==> flow/design.v <==
module shft_stage #(
   parameter BITS = 8,
   parameter SBITS = $clog2(BITS)
) (
   input  wire CLK,
   input  wire srst,
   input  wire [BITS-1:0] i_in,
   input  wire [SBITS-1:0] i_sh,
   output wire [BITS-1:0] o_o
);
   reg [BITS-1:0] o_q;
   assign o_o = o_q;
   always @(posedge CLK) begin
      if (srst) begin
         o_q <= 0;
      end else begin
         o_q <= (i_in << i_sh) | (i_in >> (BITS - i_sh));
      end
   end
endmodule
== From RTL to reports: shft_stage ==
The steps from the RTL of shft_stage to its reports follow in flow order.
Lines are those of the file above, counted from 1.
Operators carry their Yosys type and port widths (W data, S select, Z words).
Library cell names are shortened.
A cell with n/a has no value.
Inputs
  design top: shft_stage
  clock port: CLK
  standard-cell library: sky130hd
  corner: tt_025C_1v80

== Word level ==
Yosys after proc, flatten, opt, wreduce and memory -nomap, before mapping. Enables and synchronous resets that opt folds into registers are not counted as muxes. Memory bits, and registers merged into a memory's read port (data or address), are not among the register bits. Print and check cells are not counted. Equal cells are merged and count once.
Operators by class
  bitwise operators: 1
  shift-type cells: 2
  $add $sub $neg: 1
Operators by type and width (number)
  $shr A8 B32 Y8: 1
  $shl A8 B3 Y8: 1
  $or A8 B8 Y8: 1
  $sub A4 B3 Y5 const A: 1
Word-level totals
  bits of input ports: 13
  cells after elaboration: 5
  flip-flop bits (word level): 8
  output and inout port bits: 8

== Logic depth ==
Longest topological path by Yosys (ltp), each cell counted once; first at word level (registers and memories cut), then after technology mapping (sequential cells cut; the memories' decode and read muxes count).
Depth
  depth after elaboration: 3
  ABC_AREA: 1
  mapped depth: 11
  gate-level depth less buffers: 9

== After synthesis ==
Source: synth_stat.txt of the flow (Yosys; design flattened, memories mapped). It holds for the ABC_AREA given above (unset counts as 0); a run with the other value may have another netlist.
Totals and module areas in this step are rounded.
Mapped netlist
  area of sequential cells: 160 µm²
  standard cells after synthesis: 125
  buffer cells: 5
  mapped flip-flops: 8
  cell area after synthesis: 815 µm²
Cell types
  nand2_1: number 44, area in all 165.158 µm²
  dfxtp_1: number 8, area in all 160.154 µm²
  nand3_1: number 16, area in all 80.077 µm²
  nand2_4: number 7, area in all 78.826 µm²
  a21oi_1: number 8, area in all 40.038 µm²
  nor2_1: number 10, area in all 37.536 µm²
  nand2_2: number 4, area in all 25.024 µm²
  buf_6: number 2, area in all 22.522 µm²
  nor2_4: number 2, area in all 22.522 µm²
  buf_12: number 1, area in all 20.019 µm²
  nand3_4: number 1, area in all 17.517 µm²
  o211ai_1: number 2, area in all 15.014 µm²
  o21ai_1: number 3, area in all 15.014 µm²
  o21bai_1: number 2, area in all 15.014 µm²
  ha_1: number 1, area in all 12.512 µm²
  o211ai_2: number 1, area in all 12.512 µm²
  inv_1: number 3, area in all 11.261 µm²
  inv_2: number 3, area in all 11.261 µm²
Other cell types: 7; their cells: 7.

== Timing after synthesis ==
Source: OpenSTA report_checks on the synthesized netlist (no wires, ideal clock, input and output delay 20% of the period each), path of least setup slack; recovery checks are left aside. Register names are those of the netlist, which keeps one name where synthesis merged equal registers.
Path after synthesis
  path kind: input -> register
  start: in i_sh[0]
  end: reg o_q[0]
  arrival: 1.776 ns
  period: 2.85 ns
  input delay: 0.570 ns
  buffers on the path: 3
  slack: 0.961 ns
  time at the first pin: 0.570 ns
  delay of the path: 1.320 ns
  required time: 2.736 ns
  library setup time: 0.114 ns
  driving pins on the path: 11
  synthesis period reached: 1.889 ns
"delay of the path" is the arrival time less input delay plus setup time.
"driving pins on the path": output pins that drive a net of the path, with the launching flip-flop's if there is one; two outputs of one cell count as two.
"synthesis period reached" = period - worst setup slack (recovery checks aside). The figure is calculated, with input and output delays left at 20% of the set period.
The rows between start and end are the longest chain of elaborated cells between them; the timing report does not say that the signal goes this way. Where chains are equally long, one stands for them.
A line is the first line of the expression or statement that the cell stems from. Yosys adds cells for indexed reads and writes and turns some case tables into memories.
On the way, after synthesis
  path through: buf_6 -> inv_8 -> buf_12 -> ha_1 -> buf_2 -> inv_2 -> nand3_1 -> nand2_1 -> nor2_1 -> o21bai_1 -> inv_1
  length of the longest elaborated chain: 3
  elaborated cells between the ends (all ways): 4
  RTL lines with such cells: 1
  classes of those cells: add/sub (1); shift (2); logic (1)
Ends and longest elaborated chain, after synthesis
  start, declared: line 8  | input  wire [SBITS-1:0] i_sh,
  $sub A4 B3 Y5: line 17  | o_q <= (i_in << i_sh) | (i_in >> (BITS - i_sh));
  $shr A8 B32 Y8: line 17
  $or A8 B8 Y8: line 17
  end, assigned: line 15  | o_q <= 0;
  end, assigned: line 17
  end, declared: line 11  | reg [BITS-1:0] o_q;

== Timing after layout ==
From the final timing report of record 1: the path of least setup slack in the routed layout; clock arrival at registers is part of the times.
Path after layout
  path kind: input -> register
  start: in i_sh[0]
  end: reg o_q[3]
  time at the first pin: 0.60 ns
  driving pins on the path: 8
  library setup time: 0.07 ns
  required time: 3.17 ns
  slack: 0.64 ns
  input delay: 0.60 ns
  buffers on the path: 1
  arrival: 2.53 ns
  period: 3.02 ns
The rows between start and end are the longest chain of elaborated cells between them; the timing report does not say that the signal goes this way. Where chains are equally long, one stands for them.
On the way, after layout
  path through: clkdlybuf4s50_1 -> inv_8 -> ha_1 -> inv_2 -> nand3_4 -> a21boi_1 -> o21ai_1 -> a21oi_1
  length of the longest elaborated chain: 3
  elaborated cells between the ends (all ways): 4
  RTL lines with such cells: 1
  classes of those cells: add/sub (1); shift (2); logic (1)
Ends and longest elaborated chain, after layout
  start, declared: line 8  | input  wire [SBITS-1:0] i_sh,
  $sub A4 B3 Y5: line 17  | o_q <= (i_in << i_sh) | (i_in >> (BITS - i_sh));
  $shr A8 B32 Y8: line 17
  $or A8 B8 Y8: line 17
  end, assigned: line 15  | o_q <= 0;
  end, assigned: line 17
  end, declared: line 11  | reg [BITS-1:0] o_q;

Add stored flow runs of shft_stage

Settings and measured results of 3 stored flow runs for module shft_stage (sky130hd), not sorted in any way. The constraints put input and output delay at 20% of the set period each and load the outputs with 0.01 pF.
By "worst setup path time" is meant the share of the clock period that the worst setup path is allowed (20% is reserved at inputs, 20% at outputs), minus its slack. Clock arrival times at its registers enter into it.
The results are shown rounded.

Record 1
==> flow/run.sh <==
#!/bin/bash
# the make line also repeats the synthesis and layout settings of config.mk as NAME=value (left out here)
make -C /OpenROAD-flow-scripts/flow DESIGN_CONFIG=/design/flow/config.mk WORK_HOME=/design/flow/orfs CLKGATE_MAP_FILE= finish
==> flow/config.mk <==
export PLATFORM = sky130hd
export DESIGN_NAME = shft_stage
export DESIGN_NICKNAME = shft_stage
export VERILOG_FILES = /design/flow/design.v
export SDC_FILE = /design/flow/constraint.sdc
export NUM_CORES = 4
export LEC_CHECK = 0
export ABC_AREA = 1
export CAP_MARGIN = 30
export CELL_PAD_IN_SITES_DETAIL_PLACEMENT = 0
export CORE_MARGIN = 3
export CORE_UTILIZATION = 22
export MIN_ROUTING_LAYER = met1
export PLACE_DENSITY_LB_ADDON = 0.16
export SLEW_MARGIN = 20
==> flow/constraint.sdc <==
create_clock -name core_clock -period 3.02 [get_ports {CLK}]
set_input_delay 0.6040 -clock core_clock [delete_from_list [all_inputs] [get_ports {CLK}]]
set_output_delay 0.6040 -clock core_clock [all_outputs]
set_load 0.01 [all_outputs]

==> results of record 1 <==
chip area after synthesis (Yosys): 815 µm²
die area: 4,470 µm²
utilization: 31.1%
worst setup slack after layout: 0.640 ns
total negative slack: 0.000 ns
worst setup path time: 1.78 ns
worst setup path kind: input -> register

Record 2
==> flow/run.sh <==
#!/bin/bash
# the make line also repeats the synthesis and layout settings of config.mk as NAME=value (left out here)
make -C /OpenROAD-flow-scripts/flow DESIGN_CONFIG=/design/flow/config.mk WORK_HOME=/design/flow/orfs CLKGATE_MAP_FILE= finish
==> flow/config.mk <==
export PLATFORM = sky130hd
export DESIGN_NAME = shft_stage
export DESIGN_NICKNAME = shft_stage
export VERILOG_FILES = /design/flow/design.v
export SDC_FILE = /design/flow/constraint.sdc
export NUM_CORES = 4
export LEC_CHECK = 0
export CAP_MARGIN = 20
export CORE_MARGIN = 2
export CORE_UTILIZATION = 40
export SLEW_MARGIN = 20
==> flow/constraint.sdc <==
create_clock -name core_clock -period 2.85 [get_ports {CLK}]
set_input_delay 0.5700 -clock core_clock [delete_from_list [all_inputs] [get_ports {CLK}]]
set_output_delay 0.5700 -clock core_clock [all_outputs]
set_load 0.01 [all_outputs]

==> results of record 2 <==
chip area after synthesis (Yosys): 837 µm²
die area: 2,470 µm²
utilization: 54.1%
worst setup slack after layout: 0.343 ns
total negative slack: 0.000 ns
worst setup path time: 1.94 ns
worst setup path kind: input -> register

Record 3
==> flow/run.sh <==
#!/bin/bash
# the make line also repeats the synthesis and layout settings of config.mk as NAME=value (left out here)
make -C /OpenROAD-flow-scripts/flow DESIGN_CONFIG=/design/flow/config.mk WORK_HOME=/design/flow/orfs CLKGATE_MAP_FILE= finish
==> flow/config.mk <==
export PLATFORM = sky130hd
export DESIGN_NAME = shft_stage
export DESIGN_NICKNAME = shft_stage
export VERILOG_FILES = /design/flow/design.v
export SDC_FILE = /design/flow/constraint.sdc
export NUM_CORES = 4
export LEC_CHECK = 0
export CAP_MARGIN = 20
export CORE_MARGIN = 3
export CORE_UTILIZATION = 43
export GPL_TIMING_DRIVEN = 1
export HOLD_SLACK_MARGIN = 0.09
export PLACE_DENSITY_LB_ADDON = 0.04
export SETUP_SLACK_MARGIN = 0.74
export SLEW_MARGIN = 20
==> flow/constraint.sdc <==
create_clock -name core_clock -period 2.7 [get_ports {CLK}]
set_input_delay 0.5400 -clock core_clock [delete_from_list [all_inputs] [get_ports {CLK}]]
set_output_delay 0.5400 -clock core_clock [all_outputs]
set_load 0.01 [all_outputs]

==> results of record 3 <==
chip area after synthesis (Yosys): 837 µm²
die area: 2,510 µm²
utilization: 61.5%
worst setup slack after layout: 0.759 ns
total negative slack: 0.000 ns
worst setup path time: 1.40 ns
worst setup path kind: input -> register
